==> flow/design.v <==
module ex_reg_bank #(
    parameter integer NUM_REGS = 4,
    parameter integer DATA_W = 4,
    parameter integer RPORTS = 1,
    parameter integer AW = $clog2(NUM_REGS)
) (
    input wire clk_i,
    input wire we,
    input wire [AW-1:0] wa,
    input wire [DATA_W-1:0] din,
    input wire [RPORTS*AW-1:0] read_addr,
    output wire [RPORTS*DATA_W-1:0] rdata
);
    reg [DATA_W-1:0] rf [0:NUM_REGS-1];
    always @(posedge clk_i) begin
        if (we)
            rf[wa] <= din;
    end
    wire [RPORTS*DATA_W-1:0] r;
    genvar m;
    generate
        for (m = 0; m < RPORTS; m = m + 1) begin : row
            assign r[m*DATA_W +: DATA_W] = rf[read_addr[m*AW +: AW]];
        end
    endgenerate
    assign rdata = r;
endmodule
# Reports on ex_reg_bank
# Module ex_reg_bank in several versions that differ in "RPORTS"; each step lists the members.
# The RTL above is that of RPORTS 1; lines are counted from 1 in the file of the member named.
# Operators: Yosys type, input widths -> output width; for muxes data width and select width s.
# Library cell names are shortened.
# A cell with -- has no value.
[design]
top_module = "ex_reg_bank"
clock = "clk_i"
cell_library = "sky130hd"
pvt_corner = "tt_025C_1v80"

# Source of the members
# New or changed lines of each further member against the RTL above, in its own file; lines it lacks are not shown.
[changed_lines]
columns = ["RPORTS", "line_no", "source"]
rows = [
  [4, 4, "parameter integer RPORTS = 4,"],
  [5, 4, "parameter integer RPORTS = 5,"],
  [8, 4, "parameter integer RPORTS = 8,"],
]

# Word level
# Yosys after proc, flatten, opt, wreduce and memory -nomap, before mapping. Enables and synchronous resets that opt folds into registers are not counted as muxes. Memory bits, and registers merged into a memory's read port (data or address), are not among the register bits. Print and check cells are not counted. Equal cells are merged and count once.
# Memory sizes are those after Yosys's memory passes, which may raise the word count (mostly to a power of two), join words into wider ones and drop unused or constant bits.
[bits]
columns = ["RPORTS", "reg_bits", "mem_count", "ramBits"]
rows = [
  [1, 0, 1, 16],
  [4, 0, 1, 16],
  [5, 0, 1, 16],
  [8, 0, 1, 16],
]
[classes]
columns = ["RPORTS", "mux"]
rows = [
  [1, 3],
  [4, 3],
  [5, 3],
  [8, 3],
]
[mem_list]
columns = ["RPORTS", "mem_shapes"]
rows = [
  [1, "rf 4 x 4 bit 1R1W"],
  [4, "rf 4 x 4 bit 4R1W"],
  [5, "rf 4 x 4 bit 5R1W"],
  [8, "rf 4 x 4 bit 8R1W"],
]
[ops]
columns = ["RPORTS", "operators"]
rows = [
  [1, "$mux 4: 1; $mux 2: 1; $mux 1: 1"],
  [4, "$mux 4: 1; $mux 2: 1; $mux 1: 1"],
  [5, "$mux 4: 1; $mux 2: 1; $mux 1: 1"],
  [8, "$mux 4: 1; $mux 2: 1; $mux 1: 1"],
]

# Logic depth
# Yosys ltp: most cells in a row. Word level: on the elaborated netlist, between registers, memories and ports. Mapped: between sequential cells and ports; inverters and the memories' decode and read muxes count.
[logic_depth]
columns = ["RPORTS", "depth_word", "ABC_AREA", "depth_mapped", "ltp_nobuf"]
rows = [
  [1, 1, 0, 1, 1],
  [4, 1, 0, 1, 1],
  [5, 1, 0, 1, 1],
  [8, 1, 0, 1, 1],
]

# After synthesis
# The flow's flattened synthesis, as Yosys stat reports it; memories are mapped. The netlist is that of the ABC_AREA named above (0 if unset); the other value can give another one.
# Totals and module areas in this step are rounded.
[synth_totals]
columns = ["RPORTS", "stdcells", "buffers", "seqArea_um2", "flip_flops", "yosys_area_um2"]
rows = [
  [1, 24, 0, 480, 16, 617],
  [4, 36, 0, 480, 16, 932],
  [5, 40, 0, 480, 16, 1040],
  [8, 52, 0, 480, 16, 1350],
]
[types]
columns = ["RPORTS", "type_list"]
rows = [
  [1, "edfxtp_1: 16; mux4_1: 4; and3b_1: 2; nor3b_1: 1; and3_1: 1"],
  [4, "edfxtp_1: 16; mux4_1: 16; and3b_1: 2; nor3b_1: 1; and3_1: 1"],
  [5, "mux4_1: 20; edfxtp_1: 16; and3b_1: 2; nor3b_1: 1; and3_1: 1"],
  [8, "mux4_1: 32; edfxtp_1: 16; and3b_1: 2; nor3b_1: 1; and3_1: 1"],
]

# Timing after synthesis
# Source: OpenSTA report_checks on the synthesized netlist (no wires, ideal clock, input and output delay 20% of the period each), path of least setup slack; recovery checks are left aside. Register names are those of the netlist, which keeps one name where synthesis merged equal registers.
[synth_timing]
columns = ["RPORTS", "path_kind", "startpoint", "endpoint", "slack_ps", "stages", "clock_period_ps", "path_delay_ps", "synth_period_reached_ps"]
rows = [
  [1, "reg-to-output", "memory rf[1][0]", "output rdata[0]", 216, 2, 1370, 880, 1154],
  [4, "reg-to-output", "memory rf[1][0]", "output rdata[0]", 229, 2, 1450, 931, 1221],
  [5, "reg-to-output", "memory rf[1][0]", "output rdata[0]", 238, 2, 1480, 946, 1242],
  [8, "reg-to-output", "memory rf[1][0]", "output rdata[0]", 249, 2, 1540, 983, 1291],
]
# "path_delay_ps" is the arrival time less input delay plus setup time.
# A path that ends at an output port has no setup time.
# "stages": output pins that drive a net of the path, with the launching flip-flop's if there is one; two outputs of one cell count as two.
# "synth_period_reached_ps" is the clock period less the worst setup slack; recovery checks do not enter. This is arithmetic on one report: input and output delays are still those of the set period (20% each).
# The rows between start and end are the longest chain of elaborated cells between them; the timing report does not say that the signal goes this way. Where chains are equally long, one stands for them.
# A line is the first line of the expression or statement that the cell stems from. Yosys adds cells for indexed reads and writes and turns some case tables into memories.
# A memory read counts as a cell of the chain, while the word-level depth stops at memories.
[synth_between_RPORTS_1]
elab_chain_cells = 1
[synth_rtl_RPORTS_1]
columns = ["element", "line_no", "source"]
rows = [
  ["start, declared", 14, "reg [DATA_W-1:0] rf [0:NUM_REGS-1];"],
  ["$mem_v2 4x4", 14, ""],
  ["end, declared", 12, "output wire [RPORTS*DATA_W-1:0] rdata"],
]
[synth_between_RPORTS_8]
elab_chain_cells = 1
[synth_rtl_RPORTS_8]
columns = ["element", "line_no", "source"]
rows = [
  ["start, declared", 14, "reg [DATA_W-1:0] rf [0:NUM_REGS-1];"],
  ["$mem_v2 4x4", 14, ""],
  ["end, declared", 12, "output wire [RPORTS*DATA_W-1:0] rdata"],
]

# Path in the finished layout
# From the final timing report of each member's run: the path of least setup slack in the routed layout; clock arrival at registers is part of the times.
# The report prints the path's times to 10 ps; the period is as set.
[layout_timing]
columns = ["RPORTS", "path_kind", "startpoint", "endpoint", "arrival_time_ps", "slack_ps", "stages", "clock_period_ps"]
rows = [
  [1, "reg-to-output", "memory rf[0][1]", "output rdata[1]", 1260, -170, 3, 1370],
  [4, "reg-to-output", "memory rf[1][3]", "output rdata[11]", 1440, -280, 4, 1450],
  [5, "reg-to-output", "memory rf[3][1]", "output rdata[9]", 1470, -280, 4, 1480],
  [8, "reg-to-output", "memory rf[1][2]", "output rdata[18]", 1580, -350, 4, 1540],
]

# Flow runs
# One run of the flow (Yosys, OpenROAD) for each member, with settings and measured results. Input and output delays are each 20% of the period that was set; the output load is 0.01 pF.
[settings]
CAP_MARGIN = 20
CORE_MARGIN = 2
CORE_UTILIZATION = 40
SLEW_MARGIN = 20
[settings_diff]
columns = ["RPORTS", "period_ns"]
rows = [
  [1, 1.37],
  [4, 1.45],
  [5, 1.48],
  [8, 1.54],
]
[measured]
columns = ["RPORTS", "post_route_util_pct", "power_uw", "achieved_period_ps", "finalCellArea_um2", "fin_ws_ps", "synth_chip_area_um2", "dieArea_um2", "setup_tns_ps"]
rows = [
  [1, 52.5, 893, 1536, 772, -166, 617, 1870, -634],
  [4, 56.5, 1030, 1728, 1250, -278, 932, 2730, -3170],
  [5, 62.8, 1110, 1762, 1560, -282, 1040, 3020, -4910],
  [8, 69.4, 1330, 1891, 2280, -351, 1350, 3860, -10100],
]
# "achieved_period_ps" = clock period - worst setup slack. The figure is calculated, with input and output delays left at 20% of the set period.
# "power_uw" rests on the timing tool's default activity at the inputs, not on a simulated workload.
# The results are shown rounded.
